==> flow/design.v <==
module alu_plus_rtl (aclk, u_in, v_in, result_out, co_out);
    parameter XLEN = 128;
    input aclk;
    input [XLEN-1:0] u_in;
    input [XLEN-1:0] v_in;
    output [XLEN-1:0] result_out;
    output co_out;
    reg [XLEN-1:0] u_reg;
    always @(posedge aclk) begin
        u_reg <= u_in;
    end
    reg [XLEN-1:0] v_reg;
    always @(posedge aclk) begin
        v_reg <= v_in;
    end
    reg [XLEN-1:0] g;
    reg [XLEN-1:0] p;
    integer idx;
    always @* begin
        g = u_reg & v_reg;
        p = u_reg ^ v_reg;
        for (idx = 1; idx < XLEN; idx = idx * 2) begin
            g = g | (p & (g << idx));
            p = p & (p << idx);
        end
    end
    reg [XLEN-1:0] tmp_reg;
    always @(posedge aclk) begin
        tmp_reg <= u_reg ^ v_reg;
    end
    reg [XLEN-1:0] g_reg;
    always @(posedge aclk) begin
        g_reg <= g;
    end
    reg [XLEN-1:0] result_reg;
    always @(posedge aclk) begin
        result_reg <= tmp_reg ^ {g_reg[XLEN-2:0], 1'b0};
    end
    assign result_out = result_reg;
    reg co_reg;
    always @(posedge aclk) begin
        co_reg <= g_reg[XLEN-1];
    end
    assign co_out = co_reg;
endmodule
* Reports on alu_plus_rtl
What the tools print for alu_plus_rtl, step after step. Line numbers count from 1 in the design file above. Operators carry their Yosys type and port widths (W data, S select, Z words). Library cell names are shortened. Not given: -
Inputs: design top alu_plus_rtl, clock port aclk, library sky130hd, corner tt_025C_1v80

* After elaboration
Source: Yosys, flattened and elaborated, memories not mapped. Widths are those after wreduce; folded enables and synchronous resets count as part of the registers. Registers that Yosys merges into a memory's read port (data or address) are not register bits. Print and check cells do not count. Equal cells are merged and count once.
Word-level totals: register bits 641
Operators by class: bitwise logic cells 23
Operators by type and width (count):
- $and A128 B128 Y128 | 14
- $or A128 B128 Y128 | 7
- $xor A128 B128 Y128 | 2

* Depth
Yosys ltp: most cells in a row. Word level: on the elaborated netlist, between registers, memories and ports. Mapped: between sequential cells and ports; inverters and the memories' decode and read muxes count.
Logic depth: depth in word-level cells 15, ABC_AREA 0, mapped depth 14, depth with buffers taken out 13

* After synthesis
Yosys stat after the flow's synthesis: flattened, memories mapped to cells. It holds for the ABC_AREA given above (unset counts as 0); a run with the other value may have another netlist. The area totals of this step are shown rounded.
Synthesis totals: mapped area 20680 µm², buffers 9, flip-flops 641, mapped cells 1836
Cell types:
- dfxtp_1 | count 641, total area 1.28E+04 µm²
- ha_1 | count 128, total area 1.6E+03 µm²
- xor2_1 | count 127, total area 1.11E+03 µm²
- a21oi_1 | count 171, total area 855.821 µm²
- a21o_1 | count 83, total area 623.098 µm²
- nand2_1 | count 144, total area 540.518 µm²
- o21ai_0 | count 96, total area 480.461 µm²
- nand4_1 | count 59, total area 369.104 µm²
- nor2_1 | count 82, total area 307.795 µm²
- o21bai_1 | count 34, total area 255.245 µm²
- inv_1 | count 62, total area 232.723 µm²
- nand3_1 | count 23, total area 115.11 µm²
- nor3_1 | count 22, total area 110.106 µm²
- a211oi_1 | count 9, total area 67.565 µm²
- o21a_1 | count 8, total area 60.058 µm²
- and3_1 | count 9, total area 56.304 µm²
- nor4_1 | count 9, total area 56.304 µm²
- a221oi_1 | count 6, total area 52.55 µm²
Other cell types: 43; their cells: 123.

* Timing after synthesis
Path of least setup slack by OpenSTA after synthesis, without wires, with an ideal clock, recovery checks aside; 20% of the period is set as input and as output delay. Where synthesis merged equal registers, the netlist keeps one of their names.
Timing path after synthesis: kind register to register, start reg u_reg[14], end reg g_reg[125], setup slack 734 ps, data arrival time 2802 ps, buffers on the path 1, clock period 3650 ps, driving pins on the path 14, data required time 3536 ps, delay of the path 2916 ps, time at the first pin 0 ps, period reached after synthesis 2916 ps
"delay of the path" is the arrival time less input delay plus setup time. "driving pins on the path": output pins that drive a net of the path, with the launching flip-flop's if there is one; two outputs of one cell count as two. "period reached after synthesis" is the clock period less the worst setup slack; recovery checks do not enter. This is arithmetic on one report: input and output delays are still those of the set period (20% each). Between the ends stands the longest chain of elaborated cells between them, by number of cells; it is not shown to be the way that was timed. Of several equally long chains one is given. Each line given opens the expression or statement behind the cell; cells for indexed reads and writes are added by Yosys, which also makes memories of some case tables.
Between the ends, after synthesis: cells stage by stage dfxtp_1 ha_1 buf_6 a21oi_2 o21bai_4 a211oi_2 nor3_1 or3b_4 a41o_1 o41ai_2 o211a_1 o21ai_2 a31o_1 a21o_1, length of the longest elaborated chain 14
RTL lines, path after synthesis:
- start: declaration | line 8 | reg [XLEN-1:0] u_reg;
- start: assignment | line 10 | u_reg <= u_in;
- $and A128 B128 Y128 | line 20 | g = u_reg & v_reg;
- $and A128 B128 Y128 | line 23 | g = g | (p & (g << idx));
- $or A128 B128 Y128 | line 23
- $and A128 B128 Y128 | line 23
- $or A128 B128 Y128 | line 23
- $and A128 B128 Y128 | line 23
- $or A128 B128 Y128 | line 23
- $and A128 B128 Y128 | line 23
- $or A128 B128 Y128 (2 in a row) | line 23
- $and A128 B128 Y128 | line 23
- $or A128 B128 Y128 | line 23
- $and A128 B128 Y128 | line 23
- $or A128 B128 Y128 | line 23
- end: assignment | line 33 | g_reg <= g;
- end: declaration | line 31 | reg [XLEN-1:0] g_reg;
Some nets on the timed path still bear RTL names; the line given drives or declares the net.
Named nets, after synthesis (line):
- g[20] | 23
- g[120] | 23
- g[124] | 23

* Path in the finished layout
Path of least setup slack in the final report of flow run 1 (OpenROAD, finished layout, wires in). Where an end is a register, its clock arrival counts in the times. The report prints the path's times to 10 ps; the period is as set.
Timing path post-layout: kind register to register, start reg u_reg[3], end reg g_reg[122], data arrival time 3700 ps, buffers on the path 2, time at the first pin 620 ps, clock period 2810 ps, setup slack -310 ps, data required time 3390 ps, driving pins on the path 15
Between the ends stands the longest chain of elaborated cells between them, by number of cells; it is not shown to be the way that was timed. Of several equally long chains one is given.
Between the ends, post-layout: cells stage by stage dfxtp_2 ha_4 nand4_1 o221ai_4 o221ai_4 a211oi_4 a211oi_4 o21ai_2 a211oi_2 buf_4 buf_6 o31ai_4 a21o_1 a21o_1 a31o_1, length of the longest elaborated chain 14
RTL lines, path post-layout:
- start: declaration | line 8 | reg [XLEN-1:0] u_reg;
- start: assignment | line 10 | u_reg <= u_in;
- $and A128 B128 Y128 | line 20 | g = u_reg & v_reg;
- $and A128 B128 Y128 | line 23 | g = g | (p & (g << idx));
- $or A128 B128 Y128 | line 23
- $and A128 B128 Y128 | line 23
- $or A128 B128 Y128 | line 23
- $and A128 B128 Y128 | line 23
- $or A128 B128 Y128 (2 in a row) | line 23
- $and A128 B128 Y128 | line 23
- $or A128 B128 Y128 | line 23
- $and A128 B128 Y128 | line 23
- $or A128 B128 Y128 | line 23
- $and A128 B128 Y128 | line 23
- $or A128 B128 Y128 | line 23
- end: assignment | line 33 | g_reg <= g;
- end: declaration | line 31 | reg [XLEN-1:0] g_reg;
Some nets on the timed path still bear RTL names; the line given drives or declares the net.
Named nets, post-layout (line):
- g[5] | 23
- g[34] | 23
- g[94] | 23
- g[110] | 23
- g[114] | 23

Appendix: measured runs

Module alu_plus_rtl, platform sky130hd: 3 stored runs of the flow (Yosys, OpenROAD) with differing settings, in no particular order. Input and output delays are each 20% of the period that was set; the output load is 0.01 pF.
"period achieved": clock period set for the run, less the worst setup slack. It is reckoned from that one timing run; input and output delays stay at 20% of the period that was set.
By "time used up by the worst setup path" is meant the share of the clock period that the worst setup path is allowed (20% is reserved at inputs, 20% at outputs), minus its slack. Clock arrival times at its registers enter into it.
"time used up by the worst setup path" is known to 10 ps.
The results are shown rounded.

* Flow run 1 | settings: period_ns 2.81; CORE_UTILIZATION 31; PLACE_DENSITY_LB_ADDON 0.12; CELL_PAD_IN_SITES_DETAIL_PLACEMENT 0; TNS_END_PERCENT 80; CTS_CLUSTER_DIAMETER 344; MIN_ROUTING_LAYER met2; CAP_MARGIN 20; CORE_MARGIN 2; SLEW_MARGIN 20 | results: worst-case hold slack 336 ps; area of the synthesized netlist 20680 µm²; final utilization 49.8%; time used up by the worst setup path 3120 ps; kind of the worst setup path register to register; die area 68790 µm²; period achieved 3119 ps; worst setup slack after layout -309 ps
* Flow run 2 | settings: period_ns 3.65; CAP_MARGIN 20; CORE_MARGIN 2; CORE_UTILIZATION 40; SLEW_MARGIN 20 | results: worst setup slack after layout 188 ps; final utilization 54.4%; worst-case hold slack 328 ps; die area 53530 µm²; time used up by the worst setup path 3460 ps; kind of the worst setup path register to register; area of the synthesized netlist 20680 µm²; period achieved 3462 ps
* Flow run 3 | settings: period_ns 4.28; CORE_UTILIZATION 18; SETUP_SLACK_MARGIN -0.37; PLACE_DENSITY 0.6; CORE_MARGIN 8; CELL_PAD_IN_SITES_GLOBAL_PLACEMENT 0; CELL_PAD_IN_SITES_DETAIL_PLACEMENT 0; TNS_END_PERCENT 20; ABC_AREA 0; GPL_TIMING_DRIVEN 1; CAP_MARGIN 5; SLEW_MARGIN 20 | results: worst-case hold slack 326 ps; final utilization 25.6%; die area 126000 µm²; period achieved 3800 ps; worst setup slack after layout 480 ps; time used up by the worst setup path 3800 ps; kind of the worst setup path register to register; area of the synthesized netlist 20680 µm²
